==> flow/design.v <==
module cpu_sum_block #(
    parameter NBITS = 28
) (
    input wire clk_i,
    input wire [NBITS-1:0] i_x,
    input wire [NBITS-1:0] i_y,
    input wire i_cin,
    output wire [NBITS-1:0] o_sum,
    output wire o_co
);
    reg [NBITS-1:0] x_q;
    reg [NBITS-1:0] y_q;
    reg cin_q;
    always @(posedge clk_i) begin
        x_q <= i_x;
        y_q <= i_y;
        cin_q <= i_cin;
    end
    localparam NG = NBITS / 4;
    wire [NBITS-1:0] val;
    wire [NG:0] chain;
    assign chain[0] = cin_q;
    genvar gi;
    generate
        for (gi = 0; gi < NG; gi = gi + 1) begin : u_g
            la4 unit (.a(x_q[4*gi +: 4]), .b(y_q[4*gi +: 4]), .ci(chain[gi]), .s(val[4*gi +: 4]), .co(chain[gi+1]));
        end
    endgenerate
    assign o_sum = val;
    assign o_co = chain[NG];
endmodule
module la4 (
    input wire [3:0] a,
    input wire [3:0] b,
    input wire ci,
    output wire [3:0] s,
    output wire co
);
    wire [3:0] g = a & b;
    wire [3:0] p = a ^ b;
    wire c1 = g[0] | (p[0] & ci);
    wire c2 = g[1] | (p[1] & g[0]) | (p[1] & p[0] & ci);
    wire c3 = g[2] | (p[2] & g[1]) | (p[2] & p[1] & g[0]) | (p[2] & p[1] & p[0] & ci);
    assign co = g[3] | (p[3] & g[2]) | (p[3] & p[2] & g[1]) | (p[3] & p[2] & p[1] & g[0]) | (&p & ci);
    assign s = p ^ {c3, c2, c1, ci};
endmodule
Step by step through the tools: cpu_sum_block
Tool output for the design above, in the order of the flow.
Lines are those of the file above, counted from 1.
Operators: Yosys type, input widths -> output width; for muxes data width and select width s.
Library cell names are shortened.
A cell with - has no value.
- top module: cpu_sum_block
- clock port: clk_i
- library: sky130hd
- library corner: tt_025C_1v80

After elaboration
Counts by Yosys on the flattened word-level netlist (proc, flatten, opt, wreduce; memories kept). Register bits leave out memories and registers merged into their read ports (data or address); mux counts leave out enables and synchronous resets folded into registers. Print and check cells are left out. Cells with the same type and inputs are merged into one.
- register bits: 57
- input bits: 58
- noted output and inout bits: 29
- noted elaborated cells: 206
- bitwise gates (word level) at 196
- reductions and logical operators at 7
- operators by type and width (operator ; number):
    $and 1x1->1 ; 105
    $or 1x1->1 ; 70
    $xor 4x4->4 ; 14
    $and 4x4->4 ; 7
    $reduce_and 4->1 ; 7

Logic depth
Depth = most cells in a row (Yosys ltp): at word level without a register or memory, in the mapped netlist without a sequential cell, where the memories' decode and read muxes count.
- noted depth after elaboration: 19
- ABC_AREA: 0
- gate-level depth with buffers: 11
- depth with buffers taken out at 11

After synthesis
Source: synth_stat.txt of the flow (Yosys; design flattened, memories mapped). It holds for the ABC_AREA given above (unset counts as 0); a run with the other value may have another netlist.
- cells by type (type ; number):
    dfxtp_1 ; 57
    ha_1 ; 28
    fa_1 ; 7
    xor2_1 ; 12
    a21oi_1 ; 16
    xnor2_1 ; 7
    nand2_1 ; 13
    inv_1 ; 9
    nor2_1 ; 7
    nand3_1 ; 5
    o21a_1 ; 3
    a31oi_4 ; 1
    o21ai_0 ; 4
    nand2b_1 ; 3
    a21o_1 ; 2
    o211ai_1 ; 2
    o21bai_1 ; 2
    a211oi_2 ; 1
Not listed: further types 18, cells in them 20.
- noted cells in the netlist: 199
- synthesis area at 2304.7 um^2
- noted sequential area: 1141.1 um^2
- noted flip-flop cells: 57
The figures by module come from a second, unflattened synthesis with its own total; it is not the netlist above.
- noted cell total of the unflattened synthesis: 176
- noted area total of the unflattened synthesis: 2174.6 um^2
Rows give one instance, submodules left out.
- modules (module ; times used ; cells ; area (um^2) ; sequential area (um^2)):
    cpu_sum_block ; 1 ; 57 ; 1141.1 ; 1141.1
    la4 ; 7 ; 17 ; 147.6 ; 0.0

Timing after synthesis
Path of least setup slack by OpenSTA after synthesis, without wires, with an ideal clock, recovery checks aside; 20% of the period is set as input and as output delay. Where synthesis merged equal registers, the netlist keeps one of their names.
- path type: reg2out
- start: reg y_q[0]
- end: out o_sum[25]
- period: 4.07 ns
- output delay at 0.814 ns
- arrival time at 2.602 ns
- path slack: 0.654 ns
- path delay: 2.602 ns
- driving pins on the path: 11
- buffers on the path at 0
- synthesis period reached: 3.416 ns
"path delay" = arrival - input delay + setup time.
A path that ends at an output port has no setup time.
"driving pins on the path": output pins that drive a net of the path, with the launching flip-flop's if there is one; two outputs of one cell count as two.
"synthesis period reached" is the clock period less the worst setup slack; recovery checks do not enter. This is arithmetic on one report: input and output delays are still those of the set period (20% each).
The rows between start and end are the longest chain of elaborated cells between them; the timing report does not say that the signal goes this way. Where chains are equally long, one stands for them.
Each line given opens the expression or statement behind the cell; cells for indexed reads and writes are added by Yosys, which also makes memories of some case tables.
- cell sequence: dfxtp_1 -> ha_1 -> a211oi_2 -> nor4_1 -> nor2_4 -> o211ai_2 -> or4_4 -> a31oi_4 -> inv_1 -> fa_1 -> xor2_1
- length of the longest elaborated chain: 17
- ends and longest elaborated chain, post-synthesis (what ; line ; RTL):
    start, declared ; 12 ; reg [NBITS-1:0] y_q;
    start, assigned ; 16 ; y_q <= i_y;
    $and 4x4->4 ; 39 ; wire [3:0] g = a & b;
    $and 1x1->1 ; 44 ; assign co = g[3] | (p[3] & g[2]) | (p[3] & p[2] & g[1]) | (p[3] & p[2] & p[1] & g[0]) | (&p & ci);
    $or 1x1->1 (2 in a row) ; 44 ;
    $and 1x1->1 ; 44 ;
    $or 1x1->1 ; 44 ;
    $and 1x1->1 ; 44 ;
    $or 1x1->1 ; 44 ;
    [2 not listed] ; - ;
    $and 1x1->1 ; 44 ;
    $or 1x1->1 ; 44 ;
    $and 1x1->1 ; 44 ;
    $or 1x1->1 ; 44 ;
    $and 1x1->1 ; 41 ; wire c1 = g[0] | (p[0] & ci);
    $or 1x1->1 ; 41 ;
    $xor 4x4->4 ; 45 ; assign s = p ^ {c3, c2, c1, ci};
    end, declared ; 8 ; output wire [NBITS-1:0] o_sum,

Path in the finished layout
From the final timing report of entry A: the path of least setup slack in the routed layout; clock arrival at registers is part of the times.
- path type: reg2out
- start: reg y_q[0]
- end: out o_sum[12]
- period: 4.07 ns
- output delay at 0.81 ns
- arrival time at 3.14 ns
- path slack: 0.11 ns
- driving pins on the path: 12
- buffers on the path at 1
The rows between start and end are the longest chain of elaborated cells between them; the timing report does not say that the signal goes this way. Where chains are equally long, one stands for them.
- cell sequence: dfxtp_1 -> ha_1 -> a211oi_2 -> nor4_2 -> nor2_4 -> a21boi_1 -> o21a_1 -> o21a_1 -> o21ai_0 -> nand2b_1 -> fa_1 -> clkdlybuf4s50_1
- length of the longest elaborated chain: 9
- ends and longest elaborated chain, post-layout (what ; line ; RTL):
    start, declared ; 12 ; reg [NBITS-1:0] y_q;
    start, assigned ; 16 ; y_q <= i_y;
    $and 4x4->4 ; 39 ; wire [3:0] g = a & b;
    $and 1x1->1 ; 44 ; assign co = g[3] | (p[3] & g[2]) | (p[3] & p[2] & g[1]) | (p[3] & p[2] & p[1] & g[0]) | (&p & ci);
    $or 1x1->1 (2 in a row) ; 44 ;
    $and 1x1->1 ; 44 ;
    $or 1x1->1 ; 44 ;
    $and 1x1->1 ; 44 ;
    $or 1x1->1 ; 44 ;
    $xor 4x4->4 ; 45 ; assign s = p ^ {c3, c2, c1, ci};
    end, declared ; 8 ; output wire [NBITS-1:0] o_sum,

# Flow runs of cpu_sum_block

cpu_sum_block through Yosys and OpenROAD on sky130hd: 3 stored runs, unordered, with their settings and measured results. The constraints put input and output delay at 20% of the set period each and load the outputs with 0.01 pF.
"period achieved" is the run's clock period less its worst setup slack. It is reckoned from that one timing run; input and output delays stay at 20% of the period that was set.
"worst path time" is the time allowed to the run's worst setup path (the clock period less input and output delay, where it has them) less its slack. Clock arrival times count: a late capture clock shortens it, a late launch clock lengthens it.
"total power after layout" rests on the timing tool's default activity at the inputs, not on a simulated workload.

Entry A
Settings were period_ns = 4.07; CAP_MARGIN = 20; CORE_MARGIN = 2; CORE_UTILIZATION = 40; SLEW_MARGIN = 20
- noted the worst path time: 3.14 ns
- class of the worst setup path: reg2out
- period achieved: 3.955 ns
- noted the die size: 6384.8 um^2
- noted the synthesis area: 2304.7 um^2
- noted the total power after layout: 0.00143 W
- sum of negative setup slack at 0.000 ns
- worst hold slack after layout: 0.930 ns
- standard-cell area after layout at 3488.3 um^2
- worst setup slack after layout at 0.115 ns
- noted the final utilization: 63.0%

Entry B
Settings were period_ns = 2.48; CORE_UTILIZATION = 63; PLACE_DENSITY_LB_ADDON = 0.26; CELL_PAD_IN_SITES_GLOBAL_PLACEMENT = 3; CTS_CLUSTER_DIAMETER = 65; CAP_MARGIN = 10; CORE_MARGIN = 2; SLEW_MARGIN = 20
- not finished: placement ended with error FLW-0024

Entry C
Settings were period_ns = 2.57; CORE_UTILIZATION = 69; SETUP_SLACK_MARGIN = 0.58; PLACE_DENSITY_LB_ADDON = 0.24; CELL_PAD_IN_SITES_GLOBAL_PLACEMENT = 0; TNS_END_PERCENT = 50; GPL_ROUTABILITY_DRIVEN = 0; SLEW_MARGIN = 5; MIN_ROUTING_LAYER = met1; MAX_ROUTING_LAYER = met5; CAP_MARGIN = 20; CORE_MARGIN = 2
- not finished: placement ended with error FLW-0024
